==> flow/design.v <==
module u_shft_blk #(
   parameter integer WD = 56,
   parameter integer SEL_W = $clog2(WD)
) (
   input  wire clk_i,
   input  wire RST,
   input  wire [WD-1:0] val,
   input  wire [WD-1:0] db,
   input  wire [SEL_W-1:0] n,
   output reg [WD-1:0] result
);
   reg [WD-1:0] r_val;
   always @(posedge clk_i) begin
      if (RST) begin
         r_val <= 0;
      end else begin
         r_val <= val;
      end
   end
   reg [WD-1:0] r_db;
   always @(posedge clk_i) begin
      if (RST) begin
         r_db <= 0;
      end else begin
         r_db <= db;
      end
   end
   reg [SEL_W-1:0] r_n;
   always @(posedge clk_i) begin
      if (RST) begin
         r_n <= 0;
      end else begin
         r_n <= n;
      end
   end
   wire [2*WD-1:0] cur = {r_db, r_val} >> r_n;
   always @(posedge clk_i) begin
      if (RST) begin
         result <= 0;
      end else begin
         result <= cur[WD-1:0];
      end
   end
endmodule
# From RTL to reports: u_shft_blk
# Tool output for the design above, in the order of the flow.
# Lines are those of the file above, counted from 1.
# Operators carry their Yosys type and port widths (W data, S select, Z words).
# Cell names lack the library's common part.
# A cell with -- has no value.
# setup
top	u_shft_blk
clk_port	clk_i
lib	sky130hd
corner	tt_025C_1v80

# Word-level counts
# Counts by Yosys on the flattened word-level netlist (proc, flatten, opt, wreduce; memories kept). Register bits leave out memories and registers merged into their read ports (data or address); mux counts leave out enables and synchronous resets folded into registers. Print and check cells are left out. Cells with the same type and inputs are merged into one.
# classes
n_shift	1
# op_table
cell	n
$shr A112 B6 Y56	1
# word_totals
regBits	174
wordCells	5
out_inout_bits	56
input_bits	120

# Logic depth
# Yosys ltp: most cells in a row. Word level: on the elaborated netlist, between registers, memories and ports. Mapped: between sequential cells and ports; inverters and the memories' decode and read muxes count.
# logic_depth
word_depth	1
abc_area	0
mapped_depth	10
mapped_depth_nobuf	5

# Mapped cells and area
# Source: synth_stat.txt of the flow (Yosys; design flattened, memories mapped). It holds for the ABC_AREA given above (unset counts as 0); a run with the other value may have another netlist.
# Totals and module areas in this step are rounded.
# mapped
sequential_area_um2	3500
n_buf	114
ff_cells	174
yosys_area_um2	13000
cells	1148
# by_type
cell_type	n	area_total_um2
mux4_2	165	3.72E+03
dfxtp_1	174	3.48E+03
mux2i_1	136	1.36E+03
nor2b_1	132	825.792
nand2_1	87	326.563
mux2_2	25	281.52
mux2_1	17	191.434
buf_2	38	190.182
clkbuf_1	45	168.912
nor2_1	38	142.637
o211ai_1	18	135.13
a22oi_1	17	127.622
o21ai_1	23	115.11
o221ai_1	12	105.101
o22ai_1	16	100.096
a211oi_1	12	90.086
buf_4	12	90.086
o21ai_0	17	85.082
# Not listed: further types 42, cells in them 164.

# Timing after synthesis
# Source: OpenSTA report_checks on the synthesized netlist (no wires, ideal clock, input and output delay 20% of the period each), path of least setup slack; recovery checks are left aside. Register names are those of the netlist, which keeps one name where synthesis merged equal registers.
# synth_timing
path_type	register -> register
start	register r_n[1]
end	register result[1]
arrival_ns	2.196
driving_pins	8
launch_ns	0.000
t_required_ns	2.782
setup_time_ns	0.128
path_delay_ns	2.324
tclk_ns	2.91
path_buffers	3
setup_slack_ns	0.587
synth_period_reached_ns	2.323
# "path_delay_ns" is the arrival time less input delay plus setup time.
# "driving_pins": output pins that drive a net of the path, with the launching flip-flop's if there is one; two outputs of one cell count as two.
# "synth_period_reached_ns" is the clock period less the worst setup slack; recovery checks do not enter. This is arithmetic on one report: input and output delays are still those of the set period (20% each).
# Between the ends stands the longest chain of elaborated cells between them, by number of cells; it is not shown to be the way that was timed. Of several equally long chains one is given.
# Each line given opens the expression or statement behind the cell; cells for indexed reads and writes are added by Yosys, which also makes memories of some case tables.
# synth_via
path_cell_list	dfxtp_1 > buf_6 > buf_6 > buf_2 > mux4_2 > mux4_2 > a22oi_1 > o21ai_1
elab_chain_cells	1
cells_between	1
lines_between	1
classes_between	shift (1)
# synth_rtl
element	line_no	source
from (decl)	28	reg [SEL_W-1:0] r_n;
from (assign)	31	r_n <= 0;
from (assign)	33	r_n <= n;
$shr A112 B6 Y56	36	wire [2*WD-1:0] cur = {r_db, r_val} >> r_n;
to (assign)	39	result <= 0;
to (assign)	41	result <= cur[WD-1:0];
to (decl)	10	output reg [WD-1:0] result

# Worst path after layout
# Path of least setup slack in the final report of job 2 (OpenROAD, finished layout, wires in). Where an end is a register, its clock arrival counts in the times.
# layout_timing
path_type	register -> register
start	register r_n[1]
end	register result[55]
setup_time_ns	0.15
tclk_ns	2.91
path_buffers	3
launch_ns	0.44
setup_slack_ns	0.07
arrival_ns	3.14
driving_pins	9
t_required_ns	3.21
# Between the ends stands the longest chain of elaborated cells between them, by number of cells; it is not shown to be the way that was timed. Of several equally long chains one is given.
# layout_via
path_cell_list	dfxtp_4 > buf_12 > buf_12 > buf_12 > mux4_2 > mux2i_1 > nor2_1 > o311ai_1 > o21ai_1
elab_chain_cells	1
cells_between	1
lines_between	1
classes_between	shift (1)
# layout_rtl
element	line_no	source
from (decl)	28	reg [SEL_W-1:0] r_n;
from (assign)	31	r_n <= 0;
from (assign)	33	r_n <= n;
$shr A112 B6 Y56	36	wire [2*WD-1:0] cur = {r_db, r_val} >> r_n;
to (assign)	39	result <= 0;
to (assign)	41	result <= cur[WD-1:0];
to (decl)	10	output reg [WD-1:0] result

# Flow measurements of u_shft_blk on sky130hd: 3 stored runs with different settings, listed in no order. Input and output delays are each 20% of the period that was set; the output load is 0.01 pF.
# By "achieved_period_ns" is meant the clock period of the run minus its worst setup slack. This is arithmetic on one report: input and output delays are still those of the set period (20% each).
# By "power_mw" is meant OpenSTA's value without simulated activity: inputs other than the clock are taken to toggle once in ten clock periods, and the tool carries that through the logic.
# The results are shown rounded.
# Settings: . = not set for that run.
# Among the results, . means that no value is shown for the run.
item,job 1,job 2,job 3
period_ns,2.55,2.91,1.62
CORE_UTILIZATION,50,40,38
SETUP_SLACK_MARGIN,0.14,.,0.39
PLACE_DENSITY_LB_ADDON,0.15,.,0.26
CELL_PAD_IN_SITES_DETAIL_PLACEMENT,2,.,.
TNS_END_PERCENT,25,.,.
ABC_AREA,1,.,.
CTS_CLUSTER_SIZE,100,.,.
CAP_MARGIN,40,20,20
SLEW_MARGIN,10,20,30
MIN_ROUTING_LAYER,met2,.,.
CORE_MARGIN,2,2,8
CORE_ASPECT_RATIO,.,.,1.34
CELL_PAD_IN_SITES_GLOBAL_PLACEMENT,.,.,3
GPL_TIMING_DRIVEN,.,.,1
GPL_ROUTABILITY_DRIVEN,.,.,0
ys_area_um2,.,13000,13000
die_um2,.,33000,39000
final_cell_area_um2,.,16000,19000
layout_utilization_frac,.,0.52,0.58
setup_ws_ns,.,0.066,-0.84
power_mw,.,7.4,15
achieved_period_ns,.,2.844,2.459
# Job 1: stopped before the end: placement reported DPL-0033
